==> flow/design.v <==
module ex_adder_top (ck, rst_ni, first, second, res, cy);
    parameter integer W = 18;
    input ck;
    input rst_ni;
    input [W-1:0] first;
    input [W-1:0] second;
    output [W-1:0] res;
    output cy;
    reg [W-1:0] first_d1;
    always @(posedge ck) begin
        if (~rst_ni) begin
            first_d1 <= 0;
        end else begin
            first_d1 <= first;
        end
    end
    reg [W-1:0] second_d1;
    always @(posedge ck) begin
        if (~rst_ni) begin
            second_d1 <= 0;
        end else begin
            second_d1 <= second;
        end
    end
    reg [W-1:0] g;
    reg [W-1:0] p;
    integer k;
    always @(*) begin
        g = first_d1 & second_d1;
        p = first_d1 ^ second_d1;
        for (k = 1; k < W; k = k * 2) begin
            g = g | (p & (g << k));
            p = p & (p << k);
        end
    end
    reg [W-1:0] val_d1;
    always @(posedge ck) begin
        if (~rst_ni) begin
            val_d1 <= 0;
        end else begin
            val_d1 <= first_d1 ^ second_d1;
        end
    end
    reg [W-1:0] g_d1;
    always @(posedge ck) begin
        if (~rst_ni) begin
            g_d1 <= 0;
        end else begin
            g_d1 <= g;
        end
    end
    reg [W-1:0] res_d1;
    always @(posedge ck) begin
        if (~rst_ni) begin
            res_d1 <= 0;
        end else begin
            res_d1 <= val_d1 ^ {g_d1[W-2:0], 1'b0};
        end
    end
    assign res = res_d1;
    reg cy_d1;
    always @(posedge ck) begin
        if (~rst_ni) begin
            cy_d1 <= 1'b0;
        end else begin
            cy_d1 <= g_d1[W-1];
        end
    end
    assign cy = cy_d1;
endmodule
Lab notebook: ex_adder_top

==> Reports on ex_adder_top <==
A sweep over "W": the same steps for each member of the family.
The file above is the member W=18. Line numbers count from 1 in each member's own file.
Library cell names are shortened.
{ "design": {"top_module": "ex_adder_top", "clk_port": "ck", "lib": "sky130hd", "lib_corner": "tt_025C_1v80"} }

==> Source of the members <==
Lines of each other member's file that are new or changed against the file above; lines that a member lacks are not shown.
{ "src_changes": {"columns": ["W", "line", "source"], "rows": [
  [36, 2, "parameter integer W = 36;"],
  [48, 2, "parameter integer W = 48;"]
]} }

==> Elaborated design <==
Counts by Yosys on the flattened word-level netlist (proc, flatten, opt, wreduce; memories kept). Register bits leave out memories and registers merged into their read ports (data or address); mux counts leave out enables and synchronous resets folded into registers. Print and check cells are left out. Cells with the same type and inputs are merged into one.
{ "bits": {"columns": ["W", "latch_bits", "ff_bits", "mem_bits_rw", "clocked_rd_ports_x_width", "mem_count", "mem_bits_ro", "word_cells", "out_inout_bits", "inputBits"], "rows": [
  [18, 0, 91, 0, 0, 0, 0, 23, 19, 38],
  [36, 0, 181, 0, 0, 0, 0, 26, 37, 74],
  [48, 0, 241, 0, 0, 0, 0, 26, 49, 98]
]} }
{ "classes": {"columns": ["W", "add_sub_neg", "div_mod_pow", "n_mul", "equal", "cmp", "logic", "reduce_and_logical", "shift", "n_mux"], "rows": [
  [18, 0, 0, 0, 0, 0, 17, 0, 0, 0],
  [36, 0, 0, 0, 0, 0, 20, 0, 0, 0],
  [48, 0, 0, 0, 0, 0, 20, 0, 0, 0]
]} }
{ "ops": {"columns": ["W", "op_list"], "rows": [
  [18, "bitwise AND 18 bit (10); bitwise OR 18 bit (5); bitwise XOR 18 bit (2)"],
  [36, "bitwise AND 36 bit (12); bitwise OR 36 bit (6); bitwise XOR 36 bit (2)"],
  [48, "bitwise AND 48 bit (12); bitwise OR 48 bit (6); bitwise XOR 48 bit (2)"]
]} }

==> Logic depth <==
Yosys ltp: most cells in a row. Word level: on the elaborated netlist, between registers, memories and ports. Mapped: between sequential cells and ports; inverters and the memories' decode and read muxes count.
{ "depth": {"columns": ["W", "ltp_word", "abc_area", "depth_mapped", "mapped_depth_nobuf"], "rows": [
  [18, 11, 0, 6, 6],
  [36, 13, 0, 9, 8],
  [48, 13, 0, 8, 7]
]} }

==> Mapped cells and area <==
Source: synth_stat.txt of the flow (Yosys; design flattened, memories mapped). It holds for the ABC_AREA given above (unset counts as 0); a run with the other value may have another netlist.
Totals and module areas in this step are rounded.
{ "synth_totals": {"columns": ["W", "ffs", "synth_area_mm2", "buffers", "seq_area_mm2", "mapped_cells"], "rows": [
  [18, 91, 0.00323, 10, 0.00182, 300],
  [36, 181, 0.00664, 26, 0.00362, 652],
  [48, 241, 0.00916, 30, 0.00482, 931]
]} }
{ "types": {"columns": ["W", "cell_types"], "rows": [
  [18, "dfxtp_1 (91); and2_1 (75); ha_1 (18); xor2_1 (17); a21oi_1 (12); nand2_1 (14); a21o_1 (6); o21ai_1 (8); clkbuf_1 (10); nand4_1 (5); nor2b_1 (5); o21a_1 (4); o21ai_0 (5); and4_1 (2); a32oi_2 (1); a211oi_1 (2); nor2_1 (4); nor3_1 (3); [+18]"],
  [36, "dfxtp_1 (181); and2_1 (112); ha_1 (36); xnor2_1 (35); nor2_1 (63); a21oi_1 (40); a21o_1 (19); nand2_1 (29); clkbuf_1 (24); o21ai_0 (14); nand4_1 (9); o21a_1 (6); nor3_1 (8); a21oi_2 (4); o21ai_1 (7); a31oi_1 (5); nor2b_1 (5); o21bai_1 (3); [+52]"],
  [48, "dfxtp_1 (241); and2_1 (148); ha_1 (48); xnor2_1 (47); nor2_1 (90); a21oi_1 (59); nand2_1 (60); o21ai_0 (36); a21o_1 (18); nand4_1 (20); a211oi_2 (7); clkbuf_1 (19); nand3_1 (13); o21a_1 (8); o21ai_1 (12); o22ai_1 (9); inv_1 (10); o31ai_1 (5); [+81]"]
]} }
A list marked [+n] leaves out that many cells.

==> Worst setup path after synthesis <==
Source: OpenSTA report_checks on the synthesized netlist (no wires, ideal clock, input and output delay 20% of the period each), path of least setup slack; recovery checks are left aside. Register names are those of the netlist, which keeps one name where synthesis merged equal registers.
{ "synth_timing": {"columns": ["W", "path_kind", "startpoint", "endpoint", "slack_ns", "path_delay_ns", "clock_period_ns", "stages", "synth_period_reached_ns"], "rows": [
  [18, "flip-flop to flip-flop", "register first_d1[1]", "register g_d1[10]", 0.442, 1.778, 2.22, 7, 1.778],
  [36, "flip-flop to flip-flop", "register first_d1[7]", "register g_d1[35]", 0.512, 2.048, 2.56, 9, 2.048],
  [48, "flip-flop to flip-flop", "register first_d1[7]", "register g_d1[47]", 0.458, 1.842, 2.3, 8, 1.842]
]} }
"path_delay_ns" is the arrival time less input delay plus setup time.
"stages" counts driving pins, that of a launching flip-flop among them; a cell with two outputs on the path counts twice.
"synth_period_reached_ns" = period - worst setup slack (recovery checks aside). The figure is calculated, with input and output delays left at 20% of the set period.
The rows between start and end are the longest chain of elaborated cells between them; the timing report does not say that the signal goes this way. Where chains are equally long, one stands for them.
Each line given opens the expression or statement behind the cell; cells for indexed reads and writes are added by Yosys, which also makes memories of some case tables.
{ "synth_between_W_18": {"elab_chain_len": 8} }
{ "synth_lines_W_18": {"columns": ["item", "line", "source"], "rows": [
  ["start, declared", 9, "reg [W-1:0] first_d1;"],
  ["start, assigned", 12, "first_d1 <= 0;"],
  ["start, assigned", 14, "first_d1 <= first;"],
  ["bitwise AND 18 bit", 29, "g = first_d1 & second_d1;"],
  ["bitwise AND 18 bit", 32, "g = g | (p & (g << k));"],
  ["bitwise OR 18 bit (3 in a row)", 32, null],
  ["bitwise AND 18 bit", 32, null],
  ["bitwise OR 18 bit (2 in a row)", 32, null],
  ["end, assigned", 47, "g_d1 <= 0;"],
  ["end, assigned", 49, "g_d1 <= g;"],
  ["end, declared", 44, "reg [W-1:0] g_d1;"]
]} }
{ "synth_between_W_48": {"elab_chain_len": 10} }
{ "synth_lines_W_48": {"columns": ["item", "line", "source"], "rows": [
  ["start, declared", 9, "reg [W-1:0] first_d1;"],
  ["start, assigned", 12, "first_d1 <= 0;"],
  ["start, assigned", 14, "first_d1 <= first;"],
  ["bitwise XOR 48 bit", 30, "p = first_d1 ^ second_d1;"],
  ["bitwise AND 48 bit", 32, "g = g | (p & (g << k));"],
  ["bitwise OR 48 bit (3 in a row)", 32, null],
  ["bitwise AND 48 bit", 32, null],
  ["bitwise OR 48 bit (2 in a row)", 32, null],
  ["bitwise AND 48 bit", 32, null],
  ["bitwise OR 48 bit", 32, null],
  ["end, assigned", 47, "g_d1 <= 0;"],
  ["end, assigned", 49, "g_d1 <= g;"],
  ["end, declared", 44, "reg [W-1:0] g_d1;"]
]} }

==> Timing after layout <==
Path of least setup slack in the final report of each member's run (OpenROAD, finished layout, wires in). Where an end is a register, its clock arrival counts in the times.
{ "layout_timing": {"columns": ["W", "path_kind", "startpoint", "endpoint", "slack_ns", "clock_period_ns", "stages", "n_path_buf", "arrival_ns"], "rows": [
  [18, "flip-flop to flip-flop", "register first_d1[1]", "register g_d1[17]", 0.32, 2.22, 7, 0, 2.16],
  [36, "flip-flop to flip-flop", "register first_d1[3]", "register g_d1[35]", 0.28, 2.56, 9, 0, 2.60],
  [48, "flip-flop to flip-flop", "register first_d1[14]", "register g_d1[36]", 0.12, 2.3, 8, 0, 2.57]
]} }

==> Layout results <==
Settings and results of one run of the flow (Yosys, OpenROAD) for each member follow. The constraints put input and output delay at 20% of the set period each and load the outputs with 0.01 pF.
{ "settings": {"CAP_MARGIN": 20, "CORE_MARGIN": 2, "CORE_UTILIZATION": 40, "SLEW_MARGIN": 20} }
{ "settings_diff": {"columns": ["W", "period_ns"], "rows": [
  [18, 2.22],
  [36, 2.56],
  [48, 2.3]
]} }
{ "measured": {"columns": ["W", "final_hold_ws_ns", "synthesis_area_mm2", "design.die.area_mm2", "worstSetupSlack_ns", "tns_ns", "period_reached_ns", "cell_area_final_mm2", "total_power_uw"], "rows": [
  [18, 0.414, 0.00323, 0.00881, 0.316, 0.000, 1.904, 0.00406, 3050],
  [36, 0.434, 0.00664, 0.0176, 0.279, 0.000, 2.281, 0.00863, 6550],
  [48, 0.340, 0.00916, 0.0241, 0.121, 0.000, 2.179, 0.0118, 9390]
]} }
By "period_reached_ns" is meant the clock period of the run minus its worst setup slack. This is arithmetic on one report: input and output delays are still those of the set period (20% each).
"total_power_uw": no workload was simulated; the value follows from the tool's default switching activity.
Results are given in rounded form.
